==> flow/design.v <==
module core_shft #(
  parameter int W = 16,
  parameter int SBITS = $clog2(W)
) (
  input logic CLK,
  input logic [W-1:0] in_i,
  input logic [SBITS-1:0] dist_in_i,
  output logic [W-1:0] data_out_o
);
  logic [W-1:0] in_d1;
  logic [SBITS-1:0] dist_in_d1;
  always_ff @(posedge CLK) begin
    in_d1 <= in_i;
    dist_in_d1 <= dist_in_i;
  end
  logic [W-1:0] work;
  always_comb begin
    work = in_d1;
    for (int n = 0; n < SBITS; n++)
      if (dist_in_d1[n]) work = work >> (1 << n);
  end
  assign data_out_o = work;
endmodule
Ticket comment

-- Step by step through the tools: core_shft
Module core_shft in several versions that differ in "W"; each step lists the members.
The RTL above is that of W = 16; lines are counted from 1 in the file of the member named.
Library cell names are shortened.
A cell with n/a has no value.
- design top: core_shft
- clock input: CLK
- standard-cell library: sky130hd
- timing corner: tt_025C_1v80

-- Source of the members
Lines of each other member's file that are new or changed against the file above; lines that a member lacks are not shown.
- new or changed lines (W ; line ; RTL):
    20 ; 2 ; parameter int W = 20,
    24 ; 2 ; parameter int W = 24,
    28 ; 2 ; parameter int W = 28,
    40 ; 2 ; parameter int W = 40,

-- Elaborated design
Counts by Yosys on the flattened word-level netlist (proc, flatten, opt, wreduce; memories kept). Register bits leave out memories and registers merged into their read ports (data or address); mux counts leave out enables and synchronous resets folded into registers. Print and check cells are left out. Cells with the same type and inputs are merged into one.
- bit counts (W ; input port bits ; elaborated cells ; output and inout port bits ; memory bits (writable) ; bits in read-only memories ; register bits after elaboration ; memories kept ; clocked read ports x word width ; bits in latches):
    16 ; 21 ; 6 ; 16 ; 0 ; 0 ; 20 ; 0 ; 0 ; 0
    20 ; 26 ; 7 ; 20 ; 0 ; 0 ; 25 ; 0 ; 0 ; 0
    24 ; 30 ; 7 ; 24 ; 0 ; 0 ; 29 ; 0 ; 0 ; 0
    28 ; 34 ; 7 ; 28 ; 0 ; 0 ; 33 ; 0 ; 0 ; 0
    40 ; 47 ; 8 ; 40 ; 0 ; 0 ; 46 ; 0 ; 0 ; 0
- operators by class (W ; mux-type cells ; shifts and indexed selects ; equal/unequal tests ; reduce/logical cells ; div/mod/pow operators ; $add $sub $neg ; magnitude comparators ; multipliers ; bitwise operators):
    16 ; 4 ; 0 ; 0 ; 0 ; 0 ; 0 ; 0 ; 0 ; 0
    20 ; 5 ; 0 ; 0 ; 0 ; 0 ; 0 ; 0 ; 0 ; 0
    24 ; 5 ; 0 ; 0 ; 0 ; 0 ; 0 ; 0 ; 0 ; 0
    28 ; 5 ; 0 ; 0 ; 0 ; 0 ; 0 ; 0 ; 0 ; 0
    40 ; 6 ; 0 ; 0 ; 0 ; 0 ; 0 ; 0 ; 0 ; 0
- operators by type and width (W ; kinds with counts):
    16 ; 4 x 2-to-1 mux 16 bit
    20 ; 5 x 2-to-1 mux 20 bit
    24 ; 5 x 2-to-1 mux 24 bit
    28 ; 5 x 2-to-1 mux 28 bit
    40 ; 6 x 2-to-1 mux 40 bit

-- Longest topological paths
Yosys ltp: most cells in a row. Word level: on the elaborated netlist, between registers, memories and ports. Mapped: between sequential cells and ports; inverters and the memories' decode and read muxes count.
- logic depth (W ; depth after elaboration ; ABC_AREA ; mapped depth ; mapped depth without buffers):
    16 ; 4 ; 0 ; 6 ; 4
    20 ; 5 ; 0 ; 6 ; 4
    24 ; 5 ; 0 ; 7 ; 4
    28 ; 5 ; 0 ; 8 ; 4
    40 ; 6 ; 0 ; 7 ; 4

-- After synthesis
Source: synth_stat.txt of the flow (Yosys; design flattened, memories mapped). It holds for the ABC_AREA given above (unset counts as 0); a run with the other value may have another netlist.
- synthesis totals (W ; cell count ; area of sequential cells (sq mm) ; buffer cells ; flip-flops ; chip area (Yosys) (sq mm)):
    16 ; 100 ; 0.0004004 ; 7 ; 20 ; 0.0011011
    20 ; 135 ; 0.0005005 ; 12 ; 25 ; 0.001584
    24 ; 161 ; 0.0005806 ; 15 ; 29 ; 0.0018743
    28 ; 208 ; 0.0006606 ; 17 ; 33 ; 0.0022059
    40 ; 321 ; 0.0009209 ; 33 ; 46 ; 0.0035622
- cell types (W ; type and count):
    16 ; 20 x dfxtp_1; 9 x mux4_1; 12 x mux2i_1; 10 x nand2_1; 5 x o21ai_0; 3 x a22oi_1; 1 x mux4_2; 6 x nor2_1; 1 x buf_12; 4 x nor3_1; 3 x and2_1; 2 x a211oi_1; 3 x a21oi_1; 1 x buf_6; 3 x clkbuf_1; 1 x a22o_1; 1 x a31o_1; 1 x a32oi_1; [+14]
    20 ; 25 x dfxtp_1; 10 x mux4_2; 19 x mux2i_1; 7 x mux4_1; 6 x mux2_2; 11 x nor2_1; 5 x a211oi_1; 4 x o22ai_1; 3 x buf_4; 1 x buf_12; 4 x buf_2; 4 x nor3_1; 3 x nand2b_1; 3 x nor2b_1; 3 x or2_2; 2 x o311ai_1; 1 x a2111oi_2; 1 x or4b_4; [+23]
    24 ; 29 x dfxtp_1; 15 x mux4_2; 7 x mux4_1; 9 x mux2_2; 10 x mux2i_1; 19 x nor2_1; 5 x buf_6; 7 x a211oi_1; 13 x nand2_1; 4 x buf_4; 1 x mux4_4; 5 x o21ai_0; 3 x o211ai_1; 1 x buf_12; 3 x nand2b_1; 3 x o22ai_1; 2 x a2bb2oi_1; 1 x mux2_4; [+24]
    28 ; 33 x dfxtp_1; 27 x mux2i_1; 8 x mux4_1; 8 x mux4_2; 15 x mux2_2; 20 x nor2_1; 7 x a211oi_1; 14 x nand2_1; 7 x nand3_1; 4 x o221ai_1; 3 x o22a_1; 5 x buf_2; 4 x nand2b_1; 4 x nor2b_1; 3 x a22oi_1; 3 x buf_4; 6 x clkbuf_1; 3 x o211ai_1; [+34]
    40 ; 55 x mux4_2; 46 x dfxtp_1; 17 x mux2_2; 17 x mux2i_1; 30 x nand2_1; 15 x o22ai_1; 22 x nor2_1; 16 x clkbuf_1; 9 x and3_1; 6 x o221ai_1; 9 x buf_2; 6 x buf_4; 4 x mux2_1; 9 x o21ai_0; 4 x a32oi_1; 7 x nor3_1; 5 x nand2b_1; 3 x a2bb2oi_1; [+41]
A list marked [+n] leaves out that many cells.

-- Worst setup path after synthesis
OpenSTA on the mapped netlist: ideal clock, no wires. The path of least setup slack (recovery checks aside). Input and output delay are each 20% of the period. Register names are those of the netlist, which keeps one name where synthesis merged equal registers.
- timing path post-synthesis (W ; kind ; start ; end ; setup slack (ns) ; clock period (ns) ; driving pins on the path ; delay of the path (ns) ; synthesis period reached (ns)):
    16 ; flip-flop to output port ; register dist_in_d1[0] ; output port data_out_o[5] ; 0.377 ; 2.34 ; 5 ; 1.495 ; 1.963
    20 ; flip-flop to output port ; register dist_in_d1[1] ; output port data_out_o[0] ; 0.382 ; 2.39 ; 6 ; 1.530 ; 2.008
    24 ; flip-flop to output port ; register dist_in_d1[1] ; output port data_out_o[2] ; 0.396 ; 2.47 ; 7 ; 1.580 ; 2.074
    28 ; flip-flop to output port ; register dist_in_d1[1] ; output port data_out_o[13] ; 0.409 ; 2.57 ; 8 ; 1.647 ; 2.161
    40 ; flip-flop to output port ; register dist_in_d1[1] ; output port data_out_o[2] ; 0.465 ; 2.9 ; 6 ; 1.855 ; 2.435
"delay of the path" is the arrival time less input delay plus setup time.
A path that ends at an output port has no setup time.
"driving pins on the path" counts driving pins, that of a launching flip-flop among them; a cell with two outputs on the path counts twice.
"synthesis period reached" is the clock period less the worst setup slack; recovery checks do not enter. This is arithmetic on one report: input and output delays are still those of the set period (20% each).
Between the ends stands the longest chain of elaborated cells between them, by number of cells; it is not shown to be the way that was timed. Of several equally long chains one is given.
Each line given opens the expression or statement behind the cell; cells for indexed reads and writes are added by Yosys, which also makes memories of some case tables.
Between the ends, post-synthesis, W = 16:
- noted cells in the longest elaborated chain: 4
- ends and longest elaborated chain, post-synthesis, W = 16 (what ; line ; RTL):
    from (decl) ; 11 ; logic [SBITS-1:0] dist_in_d1;
    from (assign) ; 14 ; dist_in_d1 <= dist_in_i;
    2-to-1 mux 16 bit (4 in a row) ; 20 ; if (dist_in_d1[n]) work = work >> (1 << n);
    to (decl) ; 8 ; output logic [W-1:0] data_out_o
Between the ends, post-synthesis, W = 40:
- noted cells in the longest elaborated chain: 5
- ends and longest elaborated chain, post-synthesis, W = 40 (what ; line ; RTL):
    from (decl) ; 11 ; logic [SBITS-1:0] dist_in_d1;
    from (assign) ; 14 ; dist_in_d1 <= dist_in_i;
    2-to-1 mux 40 bit (5 in a row) ; 20 ; if (dist_in_d1[n]) work = work >> (1 << n);
    to (decl) ; 8 ; output logic [W-1:0] data_out_o

-- Worst path after layout
From the final timing report of the run of each member: the path of least setup slack in the routed layout; clock arrival at registers is part of the times.
- timing path post-layout (W ; kind ; start ; end ; clock period (ns) ; driving pins on the path ; setup slack (ns) ; path buffers ; arrival time (ns)):
    16 ; flip-flop to output port ; register dist_in_d1[0] ; output port data_out_o[0] ; 2.34 ; 7 ; -0.13 ; 2 ; 2.00
    20 ; flip-flop to output port ; register dist_in_d1[1] ; output port data_out_o[3] ; 2.39 ; 8 ; -0.04 ; 3 ; 1.95
    24 ; flip-flop to output port ; register dist_in_d1[1] ; output port data_out_o[1] ; 2.47 ; 9 ; -0.09 ; 4 ; 2.07
    28 ; flip-flop to output port ; register dist_in_d1[1] ; output port data_out_o[3] ; 2.57 ; 8 ; -0.06 ; 4 ; 2.12
    40 ; flip-flop to output port ; register dist_in_d1[1] ; output port data_out_o[2] ; 2.9 ; 9 ; -0.24 ; 4 ; 2.56

-- Measured runs
Settings and results of one run of the flow (Yosys, OpenROAD) for each member follow. The constraints put input and output delay at 20% of the set period each and load the outputs with 0.01 pF.
- CAP_MARGIN: 20
- CORE_MARGIN at 2
- CORE_UTILIZATION: 40
- SLEW_MARGIN: 20
- settings that differ (W ; period_ns):
    16 ; 2.34
    20 ; 2.39
    24 ; 2.47
    28 ; 2.57
    40 ; 2.9
- final reports (W ; lowest hold slack (ns) ; post-route utilization (%) ; synthesized cell area (sq mm) ; full die area (sq mm) ; smallest setup slack (ns) ; power consumption (µW) ; total negative setup slack (ns) ; achieved clock period (ns)):
    16 ; 0.602 ; 61.4 ; 0.0011011 ; 0.0031883 ; -0.127 ; 891 ; -0.319 ; 2.467
    20 ; 0.643 ; 64.7 ; 0.001584 ; 0.0044796 ; -0.042 ; 1070 ; -0.098 ; 2.432
    24 ; 0.645 ; 61.9 ; 0.0018743 ; 0.005249 ; -0.092 ; 1376 ; -0.327 ; 2.562
    28 ; 0.667 ; 60.0 ; 0.0022059 ; 0.0061246 ; -0.061 ; 1458 ; -0.214 ; 2.631
    40 ; 0.705 ; 63.9 ; 0.0035622 ; 0.0096767 ; -0.242 ; 1974 ; -2.103 ; 3.142
"achieved clock period" means the clock period less the worst setup slack. The figure is calculated, with input and output delays left at 20% of the set period.
"power consumption": no workload was simulated; the value follows from the tool's default switching activity.
